==> flow/design.v <==
module alu_reg_file_p #(
  parameter int WORDS = 10,
  parameter int DATA_WIDTH = 4,
  parameter int RP = 2,
  parameter int NUM_WR = 4,
  parameter int ADDR_WIDTH = $clog2(WORDS)
) (
  input logic sys_clk,
  input logic aresetn,
  input logic [NUM_WR-1:0] wen_in,
  input logic [NUM_WR*ADDR_WIDTH-1:0] wsel_in,
  input logic [NUM_WR*DATA_WIDTH-1:0] wr_data_in,
  input logic [RP*ADDR_WIDTH-1:0] raddr_in,
  output logic [RP*DATA_WIDTH-1:0] read_data_out
);
  logic [NUM_WR-1:0] r_wen;
  logic [NUM_WR*ADDR_WIDTH-1:0] r_wsel;
  logic [NUM_WR*DATA_WIDTH-1:0] r_wr_data;
  always_ff @(posedge sys_clk or negedge aresetn) begin
    if (!aresetn) begin
      r_wen <= 0;
      r_wsel <= 0;
      r_wr_data <= 0;
    end else begin
      r_wen <= wen_in;
      r_wsel <= wsel_in;
      r_wr_data <= wr_data_in;
    end
  end
  logic [DATA_WIDTH-1:0] rf [0:WORDS-1];
  always_ff @(posedge sys_clk) begin
    for (int idx = 0; idx < NUM_WR; idx++)
      if (r_wen[idx]) rf[r_wsel[idx*ADDR_WIDTH +: ADDR_WIDTH]] <= r_wr_data[idx*DATA_WIDTH +: DATA_WIDTH];
  end
  logic [RP*ADDR_WIDTH-1:0] r_raddr;
  always_ff @(posedge sys_clk or negedge aresetn) begin
    if (!aresetn) begin
      r_raddr <= 0;
    end else begin
      r_raddr <= raddr_in;
    end
  end
  logic [RP*DATA_WIDTH-1:0] work;
  generate
    for (genvar jj = 0; jj < RP; jj++) begin : row
      assign work[jj*DATA_WIDTH +: DATA_WIDTH] = rf[r_raddr[jj*ADDR_WIDTH +: ADDR_WIDTH]];
    end
  endgenerate
  always_ff @(posedge sys_clk or negedge aresetn) begin
    if (!aresetn) begin
      read_data_out <= 0;
    end else begin
      read_data_out <= work;
    end
  end
endmodule
---- From RTL to reports: alu_reg_file_p ----
What the tools print for alu_reg_file_p, step after step.
Lines are those of the file above, counted from 1.
Library cell names are shortened.
A cell with n/a has no value.
design
  top ..................................... alu_reg_file_p
  clock ................................... sys_clk
  library ................................. sky130hd
  corner .................................. tt_025C_1v80

---- Word-level counts ----
Counts by Yosys on the flattened word-level netlist (proc, flatten, opt, wreduce; memories kept). Register bits leave out memories and registers merged into their read ports (data or address); mux counts leave out enables and synchronous resets folded into registers. Print and check cells are left out.
Yosys's memory passes give these memory sizes; they may raise the number of words (mostly to a power of two), join words into wider ones and drop unused or constant bits.
cells by class
  mux-type cells .......................... 12
  reductions and logical operators ........ 2
operators by type and width
  kind              count
  2-to-1 mux 4 bit  8
  2-to-1 mux 1 bit  4
  zero test 1 bit   2
storage and ports
  clocked read ports x word width ......... 8
  register bits after elaboration ......... 44
  input bits .............................. 46
  bits in writable memories ............... 40
  memories kept ........................... 1
memory list
  name  words  width  read ports  wr ports  line  text
  rf    10     4      2           4         30    logic [DATA_WIDTH-1:0] rf [0:WORDS-1];

---- Longest topological paths ----
Yosys ltp: most cells in a row. Word level: on the elaborated netlist, between registers, memories and ports. Mapped: between sequential cells and ports; inverters and the memories' decode and read muxes count.
depth
  depth in word-level cells ............... 1
  ABC_AREA ................................ 0
  mapped depth ............................ 5

---- Mapped cells and area ----
Source: synth_stat.txt of the flow (Yosys; design flattened, memories mapped). It holds for the ABC_AREA given above (unset counts as 0); a run with the other value may have another netlist.
cell types
  type      count
  dfrtp_1   52
  edfxtp_1  40
  mux2i_1   32
  mux4_2    8
  o21ai_0   36
  nand2_1   45
  o22ai_1   24
  a211oi_1  14
  a221oi_1  12
  nand3_1   21
  nor2_1    27
  mux2_2    8
  a31oi_1   13
  and3_1    12
  nor2b_1   11
  o211ai_1  8
  a21oi_1   11
  and3b_1   6
Other cell types: 27; their cells: 83.
mapped netlist
  mapped cells ............................ 463
  sequential area ......................... 2502.4 sq um
  buffers ................................. 23
  cell area after synthesis ............... 4918.5 sq um
  flip-flop cells ......................... 92

---- Worst setup path after synthesis ----
Source: OpenSTA report_checks on the synthesized netlist (no wires, ideal clock, input and output delay 20% of the period each), path of least setup slack; recovery checks are left aside. Register names are those of the netlist, which keeps one name where synthesis merged equal registers.
timing post-synthesis
  kind .................................... reg-to-reg
  start point ............................. register r_wsel[4]
  end point ............................... memory rf[0][1]
  path slack .............................. 0.411 ns
  library setup time ...................... 0.267 ns
  period .................................. 2.08 ns
  stages on the path ...................... 5
  launch time at the first pin ............ 0.000 ns
  arrival ................................. 1.401 ns
  delay of the path ....................... 1.668 ns
  path buffers ............................ 0
  period reached after synthesis .......... 1.669 ns
"delay of the path" = arrival - input delay + setup time.
"stages on the path": output pins that drive a net of the path, with the launching flip-flop's if there is one; two outputs of one cell count as two.
"period reached after synthesis" = period - worst setup slack (recovery checks aside). The figure is calculated, with input and output delays left at 20% of the set period.
The rows between start and end are the longest chain of elaborated cells between them; the timing report does not say that the signal goes this way. Where chains are equally long, one stands for them.
A line is the first line of the expression or statement that the cell stems from. Yosys adds cells for indexed reads and writes and turns some case tables into memories.
between the ends, post-synthesis
  cell sequence ........................... dfrtp_1 or4b_4 or3_1 o211ai_1 a31oi_1
  length of the longest elaborated chain .. 1
RTL lines, path post-synthesis
  element           line  text
  start, declared   17    logic [NUM_WR*ADDR_WIDTH-1:0] r_wsel;
  start, assigned   22    r_wsel <= 0;
  start, assigned   26    r_wsel <= wsel_in;
  2-to-1 mux 4 bit  33    if (r_wen[idx]) rf[r_wsel[idx*ADDR_WIDTH +: ADDR_WIDTH]] <= r_wr_data[idx*DATA_WIDTH +: DATA_WIDTH];
  end, declared     30    logic [DATA_WIDTH-1:0] rf [0:WORDS-1];

---- Timing after layout ----
Path of least setup slack in the final report of stored run 2 (OpenROAD, finished layout, wires in). Where an end is a register, its clock arrival counts in the times.
timing after layout
  kind .................................... reg-to-reg
  start point ............................. register r_wsel[4]
  end point ............................... memory rf[3][3]
  path slack .............................. 0.08 ns
  library setup time ...................... 0.29 ns
  stages on the path ...................... 5
  arrival ................................. 2.07 ns
  period .................................. 2.08 ns
  launch time at the first pin ............ 0.36 ns
  path buffers ............................ 0
The rows between start and end are the longest chain of elaborated cells between them; the timing report does not say that the signal goes this way. Where chains are equally long, one stands for them.
between the ends, after layout
  cell sequence ........................... dfrtp_1 and2_1 nand2_1 a211oi_1 o22ai_1
  length of the longest elaborated chain .. 1
RTL lines, path after layout
  element           line  text
  start, declared   17    logic [NUM_WR*ADDR_WIDTH-1:0] r_wsel;
  start, assigned   22    r_wsel <= 0;
  start, assigned   26    r_wsel <= wsel_in;
  2-to-1 mux 4 bit  33    if (r_wen[idx]) rf[r_wsel[idx*ADDR_WIDTH +: ADDR_WIDTH]] <= r_wr_data[idx*DATA_WIDTH +: DATA_WIDTH];
  end, declared     30    logic [DATA_WIDTH-1:0] rf [0:WORDS-1];

FLOW RESULTS
============

Stored flow runs of alu_reg_file_p (3 of them; Yosys, OpenROAD, sky130hd). They differ in their settings and are not a sequence. Constraints: input delay and output delay 20% of the set period each, output load 0.01 pF.
"achieved clock period (ns)" is the run's clock period less its worst setup slack. It is reckoned from that one timing run; input and output delays stay at 20% of the period that was set.
"worst setup path time (ns)": the worst setup path's part of the clock period (all of it between registers, 20% less for each end at a port) less its slack. A launch clock that arrives late makes it longer, a capture clock that arrives late makes it shorter.
By "finish__power__total" is meant OpenSTA's value without simulated activity: inputs other than the clock are taken to toggle once in ten clock periods, and the tool carries that through the logic.

Flow files of stored run 1
==> flow/run.sh <==
#!/bin/bash
# the make line also repeats the synthesis and layout settings of config.mk as NAME=value (left out here)
make -C /OpenROAD-flow-scripts/flow DESIGN_CONFIG=/design/flow/config.mk WORK_HOME=/design/flow/orfs CLKGATE_MAP_FILE= finish
==> flow/config.mk <==
export PLATFORM = sky130hd
export DESIGN_NAME = alu_reg_file_p
export DESIGN_NICKNAME = alu_reg_file_p
export VERILOG_FILES = /design/flow/design.v
export SDC_FILE = /design/flow/constraint.sdc
export NUM_CORES = 4
export LEC_CHECK = 0
export ABC_AREA = 0
export CAP_MARGIN = 20
export CELL_PAD_IN_SITES_DETAIL_PLACEMENT = 1
export CORE_ASPECT_RATIO = 0.86
export CORE_MARGIN = 2
export CORE_UTILIZATION = 65
export CTS_CLUSTER_DIAMETER = 398
export CTS_CLUSTER_SIZE = 85
export GPL_ROUTABILITY_DRIVEN = 1
export HOLD_SLACK_MARGIN = 0.25
export MAX_ROUTING_LAYER = met5
export MIN_ROUTING_LAYER = met2
export PLACE_DENSITY_LB_ADDON = 0.24
export SETUP_SLACK_MARGIN = 0.36
export SLEW_MARGIN = 15
==> flow/constraint.sdc <==
create_clock -name core_clock -period 1.39 [get_ports {sys_clk}]
set_input_delay 0.2780 -clock core_clock [delete_from_list [all_inputs] [get_ports {sys_clk}]]
set_output_delay 0.2780 -clock core_clock [all_outputs]
set_load 0.01 [all_outputs]

report of stored run 1: did not finish, place, DPL-0033

Flow files of stored run 2
==> flow/run.sh <==
#!/bin/bash
# the make line also repeats the synthesis and layout settings of config.mk as NAME=value (left out here)
make -C /OpenROAD-flow-scripts/flow DESIGN_CONFIG=/design/flow/config.mk WORK_HOME=/design/flow/orfs CLKGATE_MAP_FILE= finish
==> flow/config.mk <==
export PLATFORM = sky130hd
export DESIGN_NAME = alu_reg_file_p
export DESIGN_NICKNAME = alu_reg_file_p
export VERILOG_FILES = /design/flow/design.v
export SDC_FILE = /design/flow/constraint.sdc
export NUM_CORES = 4
export LEC_CHECK = 0
export CAP_MARGIN = 20
export CORE_MARGIN = 2
export CORE_UTILIZATION = 40
export SLEW_MARGIN = 20
==> flow/constraint.sdc <==
create_clock -name core_clock -period 2.08 [get_ports {sys_clk}]
set_input_delay 0.4160 -clock core_clock [delete_from_list [all_inputs] [get_ports {sys_clk}]]
set_output_delay 0.4160 -clock core_clock [all_outputs]
set_load 0.01 [all_outputs]

report of stored run 2
yosys chip area after synthesis (um^2): 4918.5
finish__design__die__area: 13199.7
finish__design__instance__area__stdcell: 5963.2
finish__design__instance__utilization: 0.4965
finish__timing__setup__ws: 0.075
finish__timing__setup__tns: 0.000
finish__timing__hold__ws: 0.038
finish__power__total: 4.379e-03
achieved clock period (ns): 2.005
worst setup path time (ns): 2.00
worst setup path kind: reg-to-reg

Flow files of stored run 3
==> flow/run.sh <==
#!/bin/bash
# the make line also repeats the synthesis and layout settings of config.mk as NAME=value (left out here)
make -C /OpenROAD-flow-scripts/flow DESIGN_CONFIG=/design/flow/config.mk WORK_HOME=/design/flow/orfs CLKGATE_MAP_FILE= finish
==> flow/config.mk <==
export PLATFORM = sky130hd
export DESIGN_NAME = alu_reg_file_p
export DESIGN_NICKNAME = alu_reg_file_p
export VERILOG_FILES = /design/flow/design.v
export SDC_FILE = /design/flow/constraint.sdc
export NUM_CORES = 4
export LEC_CHECK = 0
export CAP_MARGIN = 20
export CORE_MARGIN = 2
export CORE_UTILIZATION = 55
export GPL_ROUTABILITY_DRIVEN = 1
export HOLD_SLACK_MARGIN = 0.14
export PLACE_DENSITY_LB_ADDON = 0.17
export SETUP_SLACK_MARGIN = -0.17
export SLEW_MARGIN = 20
==> flow/constraint.sdc <==
create_clock -name core_clock -period 1.91 [get_ports {sys_clk}]
set_input_delay 0.3820 -clock core_clock [delete_from_list [all_inputs] [get_ports {sys_clk}]]
set_output_delay 0.3820 -clock core_clock [all_outputs]
set_load 0.01 [all_outputs]

report of stored run 3
yosys chip area after synthesis (um^2): 4918.5
finish__design__die__area: 9715.1
finish__design__instance__area__stdcell: 5854.4
finish__design__instance__utilization: 0.6746
finish__timing__setup__ws: 0.011
finish__timing__setup__tns: 0.000
finish__timing__hold__ws: 0.434
finish__power__total: 4.194e-03
achieved clock period (ns): 1.899
worst setup path time (ns): 1.90
worst setup path kind: reg-to-reg
